==> flow/design.v <==
module sync_add_core_mod #(
    parameter DW = 72
) (
    input  logic clk_i,
    input  logic srst,
    input  logic [DW-1:0] rs1_i,
    input  logic [DW-1:0] rs2_i,
    input  logic [DW-1:0] rs3_i,
    output logic [DW+1:0] q_o
);
    logic [DW-1:0] rs1_q;
    always_ff @(posedge clk_i or posedge srst) begin
        if (srst) begin
            rs1_q <= '0;
        end else begin
            rs1_q <= rs1_i;
        end
    end
    logic [DW-1:0] rs2_q;
    always_ff @(posedge clk_i or posedge srst) begin
        if (srst) begin
            rs2_q <= '0;
        end else begin
            rs2_q <= rs2_i;
        end
    end
    logic [DW-1:0] rs3_q;
    always_ff @(posedge clk_i or posedge srst) begin
        if (srst) begin
            rs3_q <= '0;
        end else begin
            rs3_q <= rs3_i;
        end
    end
    logic [DW-1:0] work;
    assign work = rs1_q ^ rs2_q ^ rs3_q;
    logic [DW-1:0] c;
    assign c = (rs1_q & rs2_q) | (rs1_q & rs3_q) | (rs2_q & rs3_q);
    always_ff @(posedge clk_i or posedge srst) begin
        if (srst) begin
            q_o <= '0;
        end else begin
            q_o <= work + {c, 1'b0};
        end
    end
endmodule
; ---- Tool chain data of sync_add_core_mod
; Tool output for the design above, in the order of the flow.
; Lines are those of the file above, counted from 1.
; Library cell names are shortened.
; A cell with n/a has no value.
[setup]
top_module = sync_add_core_mod
clock = clk_i
lib = sky130hd
lib_corner = tt_025C_1v80

; ---- Elaborated design
; Source: Yosys, flattened and elaborated, memories not mapped. Widths are those after wreduce; folded enables and synchronous resets count as part of the registers. Registers that Yosys merges into a memory's read port (data or address) are not register bits. Print and check cells do not count. Equal cells are merged and count once.
[word_totals]
ff_bits = 290
in_bits = 218
output_inout_bits = 74
elab_cells = 12
[classes]
n_addsub = 1
n_logic = 7
[op_table]
columns = operator, n
row1 = 72-bit AND, 3
row2 = 72-bit OR, 2
row3 = 72-bit bitwise XOR, 2
row4 = 72-bit by 73-bit adder with 74-bit output, 1

; ---- Depth
; Yosys ltp: most cells in a row. Word level: on the elaborated netlist, between registers, memories and ports. Mapped: between sequential cells and ports; inverters and the memories' decode and read muxes count.
[depth]
depth_word = 4
abc_area = 0
mapped_depth = 15

; ---- Synthesis result
; The flow's flattened synthesis, as Yosys stat reports it; memories are mapped. The netlist is that of the ABC_AREA named above (0 if unset); the other value can give another one.
; The area totals of this step are shown rounded.
[types]
columns = cell, n, type_area_um2
row1 = dfrtp_1, 290, 7256.96
row2 = fa_1, 73, 1.46E+03
row3 = ha_1, 71, 888.352
row4 = a21oi_1, 82, 410.394
row5 = xnor2_1, 40, 350.336
row6 = a21o_1, 40, 300.288
row7 = xor2_1, 25, 218.96
row8 = nand2_1, 54, 202.694
row9 = o21ai_0, 40, 200.192
row10 = nor2_1, 37, 138.883
row11 = o21bai_1, 17, 127.622
row12 = inv_1, 32, 120.115
row13 = nand3_1, 24, 120.115
row14 = nand4_1, 19, 118.864
row15 = clkbuf_1, 22, 82.579
row16 = and3_1, 13, 81.328
row17 = nor3_1, 13, 65.062
row18 = nor2b_1, 9, 56.304
; Not listed: further types 44, cells in them 100.
[mapped]
cells = 1001
synth_area_mm2 = 0.013
sequential_area_mm2 = 0.00726
flip_flops = 290
buf_cells = 27

; ---- Path before layout
; Source: OpenSTA report_checks on the synthesized netlist (no wires, ideal clock, input and output delay 20% of the period each), path of least setup slack; recovery checks are left aside. Register names are those of the netlist, which keeps one name where synthesis merged equal registers.
[synth_timing]
path_kind = reg-to-reg
startpoint = register rs1_q[1]
endpoint = register q_o[73]
tclk_ns = 4.46
setup_ns = 0.133
arrival_time_ns = 3.438
path_slack_ns = 0.890
delay_ns = 3.571
path_stages = 14
path_buffers = 0
period_less_setup_slack_ns = 3.57
; "delay_ns" = arrival - input delay + setup time.
; "path_stages": output pins that drive a net of the path, with the launching flip-flop's if there is one; two outputs of one cell count as two.
; "period_less_setup_slack_ns" = period - worst setup slack (recovery checks aside). The figure is calculated, with input and output delays left at 20% of the set period.
; The rows between start and end are the longest chain of elaborated cells between them; the timing report does not say that the signal goes this way. Where chains are equally long, one stands for them.
; A line is the first line of the expression or statement that the cell stems from. Yosys adds cells for indexed reads and writes and turns some case tables into memories.
[synth_via]
path_cell_list = dfrtp_1 fa_1 ha_1 fa_1 a21o_1 a311oi_2 nor3_1 o311a_1 o21ai_2 a21oi_2 a31oi_4 o21ai_2 a2111oi_2 nor3_1
elab_chain_cells = 4
cells_between = 7
lines_between = 3
classes_between = add/sub (1); logic (6)
[synth_lines]
columns = element, line
row1 = start: declaration, 11  ; logic [DW-1:0] rs1_q;
row2 = start: assignment, 14  ; rs1_q <= '0;
row3 = start: assignment, 16  ; rs1_q <= rs1_i;
row4 = 72-bit AND, 38  ; assign c = (rs1_q & rs2_q) | (rs1_q & rs3_q) | (rs2_q & rs3_q);
row5 = 72-bit OR (2 in a row), 38
row6 = 72-bit by 73-bit adder with 74-bit output, 43  ; q_o <= work + {c, 1'b0};
row7 = end: assignment, 41  ; q_o <= '0;
row8 = end: assignment, 43
row9 = end: declaration, 9  ; output logic [DW+1:0] q_o

; ---- Worst path after layout
; Path of least setup slack in the final report of stored run 1 (OpenROAD, finished layout, wires in). Where an end is a register, its clock arrival counts in the times.
[layout_timing]
path_kind = reg-to-reg
startpoint = register rs1_q[1]
endpoint = register q_o[39]
tclk_ns = 4.46
setup_ns = 0.08
arrival_time_ns = 4.46
path_slack_ns = 0.47
path_stages = 14
path_buffers = 0
; The rows between start and end are the longest chain of elaborated cells between them; the timing report does not say that the signal goes this way. Where chains are equally long, one stands for them.
[layout_via]
path_cell_list = dfrtp_1 fa_1 ha_1 fa_1 a21o_1 a311oi_2 nor2_1 a21oi_1 o31ai_1 a311oi_2 nand4b_1 nand3_1 a21boi_1 xnor2_1
elab_chain_cells = 4
cells_between = 7
lines_between = 3
classes_between = add/sub (1); logic (6)
[layout_lines]
columns = element, line
row1 = start: declaration, 11  ; logic [DW-1:0] rs1_q;
row2 = start: assignment, 14  ; rs1_q <= '0;
row3 = start: assignment, 16  ; rs1_q <= rs1_i;
row4 = 72-bit AND, 38  ; assign c = (rs1_q & rs2_q) | (rs1_q & rs3_q) | (rs2_q & rs3_q);
row5 = 72-bit OR (2 in a row), 38
row6 = 72-bit by 73-bit adder with 74-bit output, 43  ; q_o <= work + {c, 1'b0};
row7 = end: assignment, 41  ; q_o <= '0;
row8 = end: assignment, 43
row9 = end: declaration, 9  ; output logic [DW+1:0] q_o

; Record of 3 stored runs of the RTL-to-layout flow on sync_add_core_mod, platform sky130hd. The runs are unordered. Constraints: input delay and output delay 20% of the set period each, output load 0.01 pF.
; "clock_period_reached_ns" means the clock period less the worst setup slack. The figure is calculated, with input and output delays left at 20% of the set period.
; "timing.worst_path_ns": the worst setup path's part of the clock period (all of it between registers, 20% less for each end at a port) less its slack. A launch clock that arrives late makes it longer, a capture clock that arrives late makes it shorter.
; "design_power_uw" rests on the timing tool's default activity at the inputs, not on a simulated workload.
; The results are shown rounded.

[stored run 1: settings]
period_ns = 4.46
CAP_MARGIN = 20
CORE_MARGIN = 2
CORE_UTILIZATION = 40
SLEW_MARGIN = 20
[stored run 1: results]
final_stdcell_area_mm2 = 0.0175
util_pct = 54.1
post_synth_area_mm2 = 0.013
design_die_area_mm2 = 0.034
design_power_uw = 8570
worstSetupSlack_ns = 0.472
clock_period_reached_ns = 3.988
timing.worst_path_ns = 3.99
timing.worst_path_kind = reg-to-reg
setupTns_ns = 0.000

[stored run 2: settings]
period_ns = 6.04
CORE_UTILIZATION = 25
CORE_ASPECT_RATIO = 0.53
TNS_END_PERCENT = 50
GPL_TIMING_DRIVEN = 1
CTS_CLUSTER_SIZE = 98
CTS_CLUSTER_DIAMETER = 50
CAP_MARGIN = 20
SLEW_MARGIN = 35
MAX_ROUTING_LAYER = met5
CORE_MARGIN = 2
[stored run 2: results]
final_stdcell_area_mm2 = 0.0179
util_pct = 35.0
post_synth_area_mm2 = 0.013
design_die_area_mm2 = 0.054
design_power_uw = 6570
worstSetupSlack_ns = 1.73
clock_period_reached_ns = 4.309
timing.worst_path_ns = 4.31
timing.worst_path_kind = reg-to-reg
setupTns_ns = 0.000

[stored run 3: settings]
period_ns = 2.63
CORE_UTILIZATION = 49
SETUP_SLACK_MARGIN = -0.21
PLACE_DENSITY_LB_ADDON = 0.22
CORE_ASPECT_RATIO = 1.55
TNS_END_PERCENT = 45
CTS_CLUSTER_DIAMETER = 365
CAP_MARGIN = 10
MIN_ROUTING_LAYER = met2
CORE_MARGIN = 2
SLEW_MARGIN = 20
[stored run 3: results]
final_stdcell_area_mm2 = 0.0197
util_pct = 75.2
post_synth_area_mm2 = 0.013
design_die_area_mm2 = 0.0279
design_power_uw = 15900
worstSetupSlack_ns = -1.03
clock_period_reached_ns = 3.658
timing.worst_path_ns = 3.66
timing.worst_path_kind = reg-to-reg
setupTns_ns = -39.4
